==> flow/design.v <==
module subtractor #(
    parameter integer WD = 24
) (
    input  logic core_clk,
    input  logic RST,
    input  logic en,
    input  logic [WD-1:0] in0,
    input  logic do_sub,
    output logic [WD-1:0] diff
);
    logic [WD-1:0] r_in0;
    logic r_do_sub;
    assign diff = r_do_sub ? -r_in0 : r_in0;
    always_ff @(posedge core_clk or posedge RST) begin
        if (RST) begin
            r_in0 <= '0;
            r_do_sub <= 1'b0;
        end else if (en) begin
            r_in0 <= in0;
            r_do_sub <= do_sub;
        end
    end
endmodule
Step by step through the tools: subtractor
The steps from the RTL of subtractor to its reports follow in flow order.
Line numbers count from 1 in the design file above.
Operators carry their Yosys type and port widths (W data, S select, Z words).
{"block": "design", "top_module": "subtractor", "clock_port": "core_clk", "library": "sky130hd", "corner": "tt_025C_1v80"}

After elaboration
Source: Yosys, flattened and elaborated, memories not mapped. Widths are those after wreduce; folded enables and synchronous resets count as part of the registers. Registers that Yosys merges into a memory's read port (data or address) are not register bits. Print and check cells do not count. Equal cells are merged and count once.
{"block": "word_totals", "ff_bits": 25, "out_inout_bits": 24, "elab_cells": 4}
{"block": "classes", "n_addsub": 1, "mux": 1}
{"block": "ops", "op": "$neg A24 Y24", "n": 1}
{"block": "ops", "op": "$mux W24", "n": 1}

Longest topological paths
Longest topological path by Yosys (ltp), each cell counted once; first at word level (registers and memories cut), then after technology mapping (sequential cells cut; the memories' decode and read muxes count).
{"block": "logic_depth", "ltp_word": 2, "abc_area": 0, "ltp_mapped": 6}

After synthesis
Source: synth_stat.txt of the flow (Yosys; design flattened, memories mapped). It holds for the ABC_AREA given above (unset counts as 0); a run with the other value may have another netlist.
The area totals of this step are shown rounded.
{"block": "types", "type": "sky130_fd_sc_hd__dfrtp_1", "n": 25, "area_total_um2": 625.6}
{"block": "types", "type": "sky130_fd_sc_hd__mux2_2", "n": 23, "area_total_um2": 258.998}
{"block": "types", "type": "sky130_fd_sc_hd__xnor2_1", "n": 22, "area_total_um2": 192.685}
{"block": "types", "type": "sky130_fd_sc_hd__o31ai_1", "n": 8, "area_total_um2": 60.058}
{"block": "types", "type": "sky130_fd_sc_hd__nand2_1", "n": 10, "area_total_um2": 37.536}
{"block": "types", "type": "sky130_fd_sc_hd__o21ai_0", "n": 7, "area_total_um2": 35.034}
{"block": "types", "type": "sky130_fd_sc_hd__nor4_1", "n": 4, "area_total_um2": 25.024}
{"block": "types", "type": "sky130_fd_sc_hd__nor4_4", "n": 1, "area_total_um2": 21.27}
{"block": "types", "type": "sky130_fd_sc_hd__or3_1", "n": 3, "area_total_um2": 18.768}
{"block": "types", "type": "sky130_fd_sc_hd__o41ai_1", "n": 2, "area_total_um2": 17.517}
{"block": "types", "type": "sky130_fd_sc_hd__o41ai_2", "n": 1, "area_total_um2": 16.266}
{"block": "types", "type": "sky130_fd_sc_hd__inv_1", "n": 4, "area_total_um2": 15.014}
{"block": "types", "type": "sky130_fd_sc_hd__ha_1", "n": 1, "area_total_um2": 12.512}
{"block": "types", "type": "sky130_fd_sc_hd__nand2b_1", "n": 2, "area_total_um2": 12.512}
{"block": "types", "type": "sky130_fd_sc_hd__clkbuf_1", "n": 3, "area_total_um2": 11.261}
{"block": "types", "type": "sky130_fd_sc_hd__or4_4", "n": 1, "area_total_um2": 11.261}
{"block": "types", "type": "sky130_fd_sc_hd__nand4b_1", "n": 1, "area_total_um2": 8.758}
{"block": "types", "type": "sky130_fd_sc_hd__buf_1", "n": 2, "area_total_um2": 7.507}
Other cell types: 6; their cells: 6.
{"block": "mapped", "cell_count": 126, "synth_area_um2": 1430, "ff_cells": 25}

Path before layout
OpenSTA on the mapped netlist: ideal clock, no wires. The path of least setup slack (recovery checks aside). Input and output delay are each 20% of the period. Register names are those of the netlist, which keeps one name where synthesis merged equal registers.
{"block": "synth_timing", "path_type": "register to output", "startpoint": "register r_in0[16]", "endpoint": "output diff[23]", "period_ns": 2.79, "out_delay_ns": 0.558, "launch_ns": 0.000, "arrival_time_ns": 1.784, "slack_ns": 0.448, "path_delay_ns": 1.784, "driving_pins": 5, "path_buffers": 0, "synth_period_reached_ns": 2.342}
"path_delay_ns" = arrival - input delay + setup time.
At an output port there is no setup time.
"driving_pins" counts driving pins, that of a launching flip-flop among them; a cell with two outputs on the path counts twice.
"synth_period_reached_ns" = period - worst setup slack (recovery checks aside). The figure is calculated, with input and output delays left at 20% of the set period.
Between the ends stands the longest chain of elaborated cells between them, by number of cells; it is not shown to be the way that was timed. Of several equally long chains one is given.
A line is the first line of the expression or statement that the cell stems from. Yosys adds cells for indexed reads and writes and turns some case tables into memories.
{"block": "synth_via", "cell_sequence": "sky130_fd_sc_hd__dfrtp_1 sky130_fd_sc_hd__or4_4 sky130_fd_sc_hd__or3_1 sky130_fd_sc_hd__o41ai_2 sky130_fd_sc_hd__xnor2_1", "elab_chain_cells": 2, "cone_cells": 2, "cone_lines": 1, "cone_classes": "add/sub: 1; mux: 1"}
{"block": "synth_rtl", "element": "start, declared", "line_no": 11, "text": "logic [WD-1:0] r_in0;"}
{"block": "synth_rtl", "element": "start, assigned", "line_no": 16, "text": "r_in0 <= '0;"}
{"block": "synth_rtl", "element": "start, assigned", "line_no": 19, "text": "r_in0 <= in0;"}
{"block": "synth_rtl", "element": "$neg A24 Y24", "line_no": 13, "text": "assign diff = r_do_sub ? -r_in0 : r_in0;"}
{"block": "synth_rtl", "element": "$mux W24", "line_no": 13}
{"block": "synth_rtl", "element": "end, declared", "line_no": 9, "text": "output logic [WD-1:0] diff"}

Worst path after layout
From the final timing report of run 1: the path of least setup slack in the routed layout; clock arrival at registers is part of the times.
{"block": "layout_timing", "path_type": "register to output", "startpoint": "register r_in0[0]", "endpoint": "output diff[17]", "period_ns": 2.79, "out_delay_ns": 0.56, "launch_ns": 0.32, "arrival_time_ns": 2.19, "slack_ns": 0.04, "driving_pins": 8, "path_buffers": 3}
Between the ends stands the longest chain of elaborated cells between them, by number of cells; it is not shown to be the way that was timed. Of several equally long chains one is given.
{"block": "layout_via", "cell_sequence": "sky130_fd_sc_hd__dfrtp_1 sky130_fd_sc_hd__buf_4 sky130_fd_sc_hd__nor4_4 sky130_fd_sc_hd__nand4b_1 sky130_fd_sc_hd__buf_4 sky130_fd_sc_hd__o31ai_1 sky130_fd_sc_hd__xnor2_1 sky130_fd_sc_hd__dlygate4sd2_1", "elab_chain_cells": 2, "cone_cells": 2, "cone_lines": 1, "cone_classes": "add/sub: 1; mux: 1"}
{"block": "layout_rtl", "element": "start, declared", "line_no": 11, "text": "logic [WD-1:0] r_in0;"}
{"block": "layout_rtl", "element": "start, assigned", "line_no": 16, "text": "r_in0 <= '0;"}
{"block": "layout_rtl", "element": "start, assigned", "line_no": 19, "text": "r_in0 <= in0;"}
{"block": "layout_rtl", "element": "$neg A24 Y24", "line_no": 13, "text": "assign diff = r_do_sub ? -r_in0 : r_in0;"}
{"block": "layout_rtl", "element": "$mux W24", "line_no": 13}
{"block": "layout_rtl", "element": "end, declared", "line_no": 9, "text": "output logic [WD-1:0] diff"}

==> results <==
Top module subtractor; platform sky130hd; tools Yosys and OpenROAD; 3 stored runs in no particular order. Input and output delays are each 20% of the period that was set; the output load is 0.01 pF.
"period_reached_ns" = clock period - worst setup slack. The figure is calculated, with input and output delays left at 20% of the set period.
"worst_path_ns": the worst setup path's part of the clock period (all of it between registers, 20% less for each end at a port) less its slack. A launch clock that arrives late makes it longer, a capture clock that arrives late makes it shorter.
"totalPower_w": no workload was simulated; the value follows from the tool's default switching activity.
The results are shown rounded.

{"run": "run 1", "settings": { "period_ns": 2.79, "CAP_MARGIN": 20, "CORE_MARGIN": 2, "CORE_UTILIZATION": 40, "SLEW_MARGIN": 20 }, "results": { "worst_setup_slack_ns": 0.043, "design.die.area_um2": 4070, "worst_path_ns": 2.19, "worst_setup_path_type": "register to output", "synthesis_area_um2": 1430, "period_reached_ns": 2.747, "timing.setup.tns_ns": 0.000, "totalPower_w": 0.00102, "finish.stdcell_area_um2": 2290, "utilization_frac": 0.677, "hold_worst_slack_ns": 0.545 }}
{"run": "run 2", "settings": { "period_ns": 1.42, "CORE_UTILIZATION": 37, "SETUP_SLACK_MARGIN": 0.23, "PLACE_DENSITY": 0.79, "CORE_MARGIN": 6, "CELL_PAD_IN_SITES_GLOBAL_PLACEMENT": 0, "CELL_PAD_IN_SITES_DETAIL_PLACEMENT": 1, "MAX_ROUTING_LAYER": "met5", "CAP_MARGIN": 20, "SLEW_MARGIN": 20 }, "outcome": "unfinished; error DPL-0033 in routing"}
{"run": "run 3", "settings": { "period_ns": 1.83, "CORE_UTILIZATION": 57, "PLACE_DENSITY_LB_ADDON": 0.06, "CELL_PAD_IN_SITES_GLOBAL_PLACEMENT": 0, "GPL_TIMING_DRIVEN": 0, "MIN_ROUTING_LAYER": "met1", "CAP_MARGIN": 20, "CORE_MARGIN": 2, "SLEW_MARGIN": 20 }, "outcome": "unfinished; error DPL-0038 in routing"}
